==> flow/design.v <==
module ex_mem_v2 #(
  parameter int NUM_REGS = 6,
  parameter int DATA_W = 12,
  parameter int N_READ = 8,
  parameter int ADDR_W = $clog2(NUM_REGS)
) (
  input  logic CLK,
  input  logic load,
  input  logic [ADDR_W-1:0] wsel,
  input  logic [DATA_W-1:0] wdata,
  input  logic [N_READ*ADDR_W-1:0] rsel,
  output logic [N_READ*DATA_W-1:0] read_data
);
  logic r_load;
  always_ff @(posedge CLK) begin
    r_load <= load;
  end
  logic [ADDR_W-1:0] r_wsel;
  always_ff @(posedge CLK) begin
    r_wsel <= wsel;
  end
  logic [DATA_W-1:0] r_wdata;
  always_ff @(posedge CLK) begin
    r_wdata <= wdata;
  end
  logic [NUM_REGS*DATA_W-1:0] rf;
  generate
    for (genvar ii = 0; ii < NUM_REGS; ii++) begin : row
      always_ff @(posedge CLK)
        if (r_load && r_wsel == ii) rf[ii*DATA_W +: DATA_W] <= r_wdata;
    end
  endgenerate
  logic [N_READ*ADDR_W-1:0] r_rsel;
  always_ff @(posedge CLK) begin
    r_rsel <= rsel;
  end
  logic [N_READ*DATA_W-1:0] work;
  always_comb begin
    work = '0;
    for (int gj = 0; gj < N_READ; gj++) begin
      for (int idx = 0; idx < NUM_REGS; idx++)
        work[gj*DATA_W +: DATA_W] = work[gj*DATA_W +: DATA_W] | (rf[idx*DATA_W +: DATA_W] & {DATA_W{r_rsel[gj*ADDR_W +: ADDR_W] == idx}});
    end
  end
  always_ff @(posedge CLK) begin
    read_data <= work;
  end
endmodule
# From RTL to reports: ex_mem_v2
# A sweep over "NUM_REGS": the same steps for each member of the family.
# The file above is the member NUM_REGS 6. Line numbers count from 1 in each member's own file.
# Operators carry their Yosys type and port widths (W data, S select, Z words).
# Library cell names are shortened.
inputs:
  top_module: "ex_mem_v2"
  clk_port: "CLK"
  lib: "sky130hd"
  lib_corner: "tt_025C_1v80"

# Source of the members
# Lines of each other member's file that are new or changed against the file above; lines that a member lacks are not shown.
src_changes:
  columns: ["NUM_REGS", "line", "rtl"]
  rows:
  - [10, 2, "parameter int NUM_REGS = 10,"]
  - [12, 2, "parameter int NUM_REGS = 12,"]
  - [16, 2, "parameter int NUM_REGS = 16,"]

# Word level
# Counts by Yosys on the flattened word-level netlist (proc, flatten, opt, wreduce; memories kept). Register bits leave out memories and registers merged into their read ports (data or address); mux counts leave out enables and synchronous resets folded into registers. Print and check cells are left out. Cells with the same type and inputs are merged into one.
op_classes:
  columns: ["NUM_REGS", "eq_ne", "reduce_logical", "n_logic"]
  rows:
  - [6, 45, 15, 88]
  - [10, 81, 19, 152]
  - [12, 99, 21, 184]
  - [16, 135, 25, 248]
op_table:
  columns: ["NUM_REGS", "op_list"]
  rows:
  - [6, "$and A12 B12 Y12: 48; $or A12 B12 Y12: 40; $eq A3 B2 Y1 const B: 18; $eq A3 B3 Y1 const B: 18; $eq A3 B1 Y1 const B: 9; $logic_not A3 Y1: 9; $logic_and A1 B1 Y1: 6"]
  - [10, "$and A12 B12 Y12: 80; $or A12 B12 Y12: 72; $eq A4 B3 Y1 const B: 36; $eq A4 B2 Y1 const B: 18; $eq A4 B4 Y1 const B: 18; $eq A4 B1 Y1 const B: 9; $logic_not A4 Y1: 9; $logic_and A1 B1 Y1: 10"]
  - [12, "$and A12 B12 Y12: 96; $or A12 B12 Y12: 88; $eq A4 B3 Y1 const B: 36; $eq A4 B4 Y1 const B: 36; $eq A4 B2 Y1 const B: 18; $eq A4 B1 Y1 const B: 9; $logic_not A4 Y1: 9; $logic_and A1 B1 Y1: 12"]
  - [16, "$and A12 B12 Y12: 128; $or A12 B12 Y12: 120; $eq A4 B4 Y1 const B: 72; $eq A4 B3 Y1 const B: 36; $eq A4 B2 Y1 const B: 18; $eq A4 B1 Y1 const B: 9; $logic_not A4 Y1: 9; $logic_and A1 B1 Y1: 16"]
word_totals:
  columns: ["NUM_REGS", "output_inout_bits", "inputBits", "register_bits", "elab_cells"]
  rows:
  - [6, 96, 41, 208, 159]
  - [10, 96, 50, 265, 267]
  - [12, 96, 50, 289, 321]
  - [16, 96, 50, 337, 429]

# Depth
# Yosys ltp: most cells in a row. Word level: on the elaborated netlist, between registers, memories and ports. Mapped: between sequential cells and ports; inverters and the memories' decode and read muxes count.
depth:
  columns: ["NUM_REGS", "word_depth", "abc_area", "mapped_depth", "ltp_nobuf"]
  rows:
  - [6, 7, 0, 6, 3]
  - [10, 11, 0, 7, 4]
  - [12, 13, 0, 7, 4]
  - [16, 17, 0, 6, 4]

# Synthesis result
# Yosys stat after the flow's synthesis: flattened, memories mapped to cells. It holds for the ABC_AREA given above (unset counts as 0); a run with the other value may have another netlist.
# Totals and module areas in this step are rounded.
mapped:
  columns: ["NUM_REGS", "cells", "ffs", "seqArea_mm2", "mapped_area_mm2", "buf_cells"]
  rows:
  - [6, 858, 208, 0.00488, 0.01, 82]
  - [10, 1394, 265, 0.00651, 0.0152, 150]
  - [12, 1858, 289, 0.00723, 0.0185, 225]
  - [16, 2360, 337, 0.00867, 0.0217, 416]
by_type:
  columns: ["NUM_REGS", "type_list"]
  rows:
  - [6, "dfxtp_1: 136; edfxtp_1: 72; mux2_1: 73; mux2i_1: 75; a22oi_1: 57; o221ai_1: 23; mux2_2: 17; buf_2: 36; mux4_2: 8; nor2b_1: 24; a21oi_1: 28; a221oi_1: 15; nand2_1: 33; a22o_1: 14; a32oi_1: 13; a2bb2oi_1: 12; buf_6: 9; a221o_1: 10; [+203]"]
  - [10, "edfxtp_1: 120; dfxtp_1: 145; mux4_2: 42; mux2i_1: 85; a22oi_1: 111; mux2_2: 55; a22o_1: 58; nor2b_1: 62; buf_2: 68; a32oi_1: 35; a221oi_1: 25; nor2_1: 54; nand2_1: 51; clkbuf_1: 49; o21ai_0: 36; a21oi_1: 33; a221o_1: 16; o221ai_1: 18; [+331]"]
  - [12, "edfxtp_1: 144; dfxtp_1: 145; a22oi_1: 122; mux2_2: 76; mux2i_1: 82; a22o_1: 74; a32oi_1: 71; buf_2: 107; mux4_2: 20; nor2b_1: 71; nor2_1: 87; clkbuf_1: 81; a221oi_1: 33; nand3_1: 55; o21ai_0: 49; nand2_1: 62; a21oi_1: 44; nor3b_1: 27; [+508]"]
  - [16, "edfxtp_1: 192; a22oi_1: 644; dfxtp_1: 145; o22ai_1: 192; o221ai_1: 96; nor3b_1: 96; or4_1: 96; clkbuf_1: 191; and3_1: 96; o21ai_0: 96; nor2_1: 124; buf_2: 82; a22oi_2: 28; buf_6: 30; nor2b_1: 54; buf_1: 62; buf_4: 24; nand2b_1: 26; [+86]"]
# The mark [+n] counts cells that are not listed.

# Timing after synthesis
# Source: OpenSTA report_checks on the synthesized netlist (no wires, ideal clock, input and output delay 20% of the period each), path of least setup slack; recovery checks are left aside. Register names are those of the netlist, which keeps one name where synthesis merged equal registers.
synth_path:
  columns: ["NUM_REGS", "path_type", "startpoint", "endpoint", "clock_period_ns", "path_delay_ns", "setup_slack_ns", "driving_pins", "period_less_setup_slack_ns"]
  rows:
  - [6, "register -> register", "register r_wsel[2]", "register rf[24]", 2.3, 1.837, 0.463, 3, 1.837]
  - [10, "register -> register", "register r_load", "register rf[0]", 2.6, 2.078, 0.522, 3, 2.078]
  - [12, "register -> register", "register r_load", "register rf[0]", 2.6, 2.078, 0.522, 3, 2.078]
  - [16, "register -> register", "register r_load", "register rf[0]", 2.62, 2.098, 0.521, 3, 2.099]
# "path_delay_ns" is the arrival time less input delay plus setup time.
# "driving_pins" counts driving pins, that of a launching flip-flop among them; a cell with two outputs on the path counts twice.
# "period_less_setup_slack_ns" is the clock period less the worst setup slack; recovery checks do not enter. This is arithmetic on one report: input and output delays are still those of the set period (20% each).
# The rows between start and end are the longest chain of elaborated cells between them; the timing report does not say that the signal goes this way. Where chains are equally long, one stands for them.
# Each line given opens the expression or statement behind the cell; cells for indexed reads and writes are added by Yosys, which also makes memories of some case tables.
synth_between_NUM_REGS_6:
  elab_chain_len: 2
synth_rtl_NUM_REGS_6:
  columns: ["item", "line", "rtl"]
  rows:
  - ["start, declared", 18, "logic [ADDR_W-1:0] r_wsel;"]
  - ["start, assigned", 20, "r_wsel <= wsel;"]
  - ["$eq A3 B2 Y1", 30, "if (r_load && r_wsel == ii) rf[ii*DATA_W +: DATA_W] <= r_wdata;"]
  - ["$logic_and A1 B1 Y1", 30, null]
  - ["end, assigned", 30, null]
  - ["end, declared", 26, "logic [NUM_REGS*DATA_W-1:0] rf;"]
synth_between_NUM_REGS_16:
  elab_chain_len: 1
synth_rtl_NUM_REGS_16:
  columns: ["item", "line", "rtl"]
  rows:
  - ["start, declared", 14, "logic r_load;"]
  - ["start, assigned", 16, "r_load <= load;"]
  - ["$logic_and A1 B1 Y1", 30, "if (r_load && r_wsel == ii) rf[ii*DATA_W +: DATA_W] <= r_wdata;"]
  - ["end, assigned", 30, null]
  - ["end, declared", 26, "logic [NUM_REGS*DATA_W-1:0] rf;"]

# Timing after layout
# Path of least setup slack in the final report of the run of each member (OpenROAD, finished layout, wires in). Where an end is a register, its clock arrival counts in the times.
layout_path:
  columns: ["NUM_REGS", "path_type", "startpoint", "endpoint", "path_buffers", "clock_period_ns", "t_arrival_ns", "driving_pins", "setup_slack_ns"]
  rows:
  - [6, "register -> output", "register read_data[16]", "output read_data[16]", 1, 2.3, 1.45, 2, 0.39]
  - [10, "register -> output", "register read_data[62]", "output read_data[62]", 1, 2.6, 1.62, 2, 0.46]
  - [12, "register -> register", "register rf[2]", "register read_data[50]", 0, 2.6, 2.66, 5, 0.35]
  - [16, "register -> register", "register r_rsel[8]", "register read_data[31]", 1, 2.62, 3.17, 6, -0.03]

# Layout results
# One run of the flow (Yosys, OpenROAD) for each member, with settings and measured results. Input and output delays are each 20% of the period that was set; the output load is 0.01 pF.
flow_settings:
  CAP_MARGIN: 20
  CORE_MARGIN: 2
  CORE_UTILIZATION: 40
  SLEW_MARGIN: 20
settings_by_member:
  columns: ["NUM_REGS", "period_ns"]
  rows:
  - [6, 2.3]
  - [10, 2.6]
  - [12, 2.6]
  - [16, 2.62]
measured:
  columns: ["NUM_REGS", "tns_setup_ns", "synthArea_mm2", "power.total_w", "total_die_area_mm2", "final_hold_ws_ns", "final_setup_ws_ns", "post_route_util_frac"]
  rows:
  - [6, 0.000, 0.01, 0.00933, 0.0263, 0.375, 0.390, 0.508]
  - [10, 0.000, 0.0152, 0.011, 0.0396, 0.360, 0.457, 0.487]
  - [12, 0.000, 0.0185, 0.013, 0.0479, 0.359, 0.353, 0.488]
  - [16, -0.055, 0.0217, 0.0145, 0.0562, 0.370, -0.031, 0.449]
# By "power.total_w" is meant OpenSTA's value without simulated activity: inputs other than the clock are taken to toggle once in ten clock periods, and the tool carries that through the logic.
# Values from the reports are rounded here.
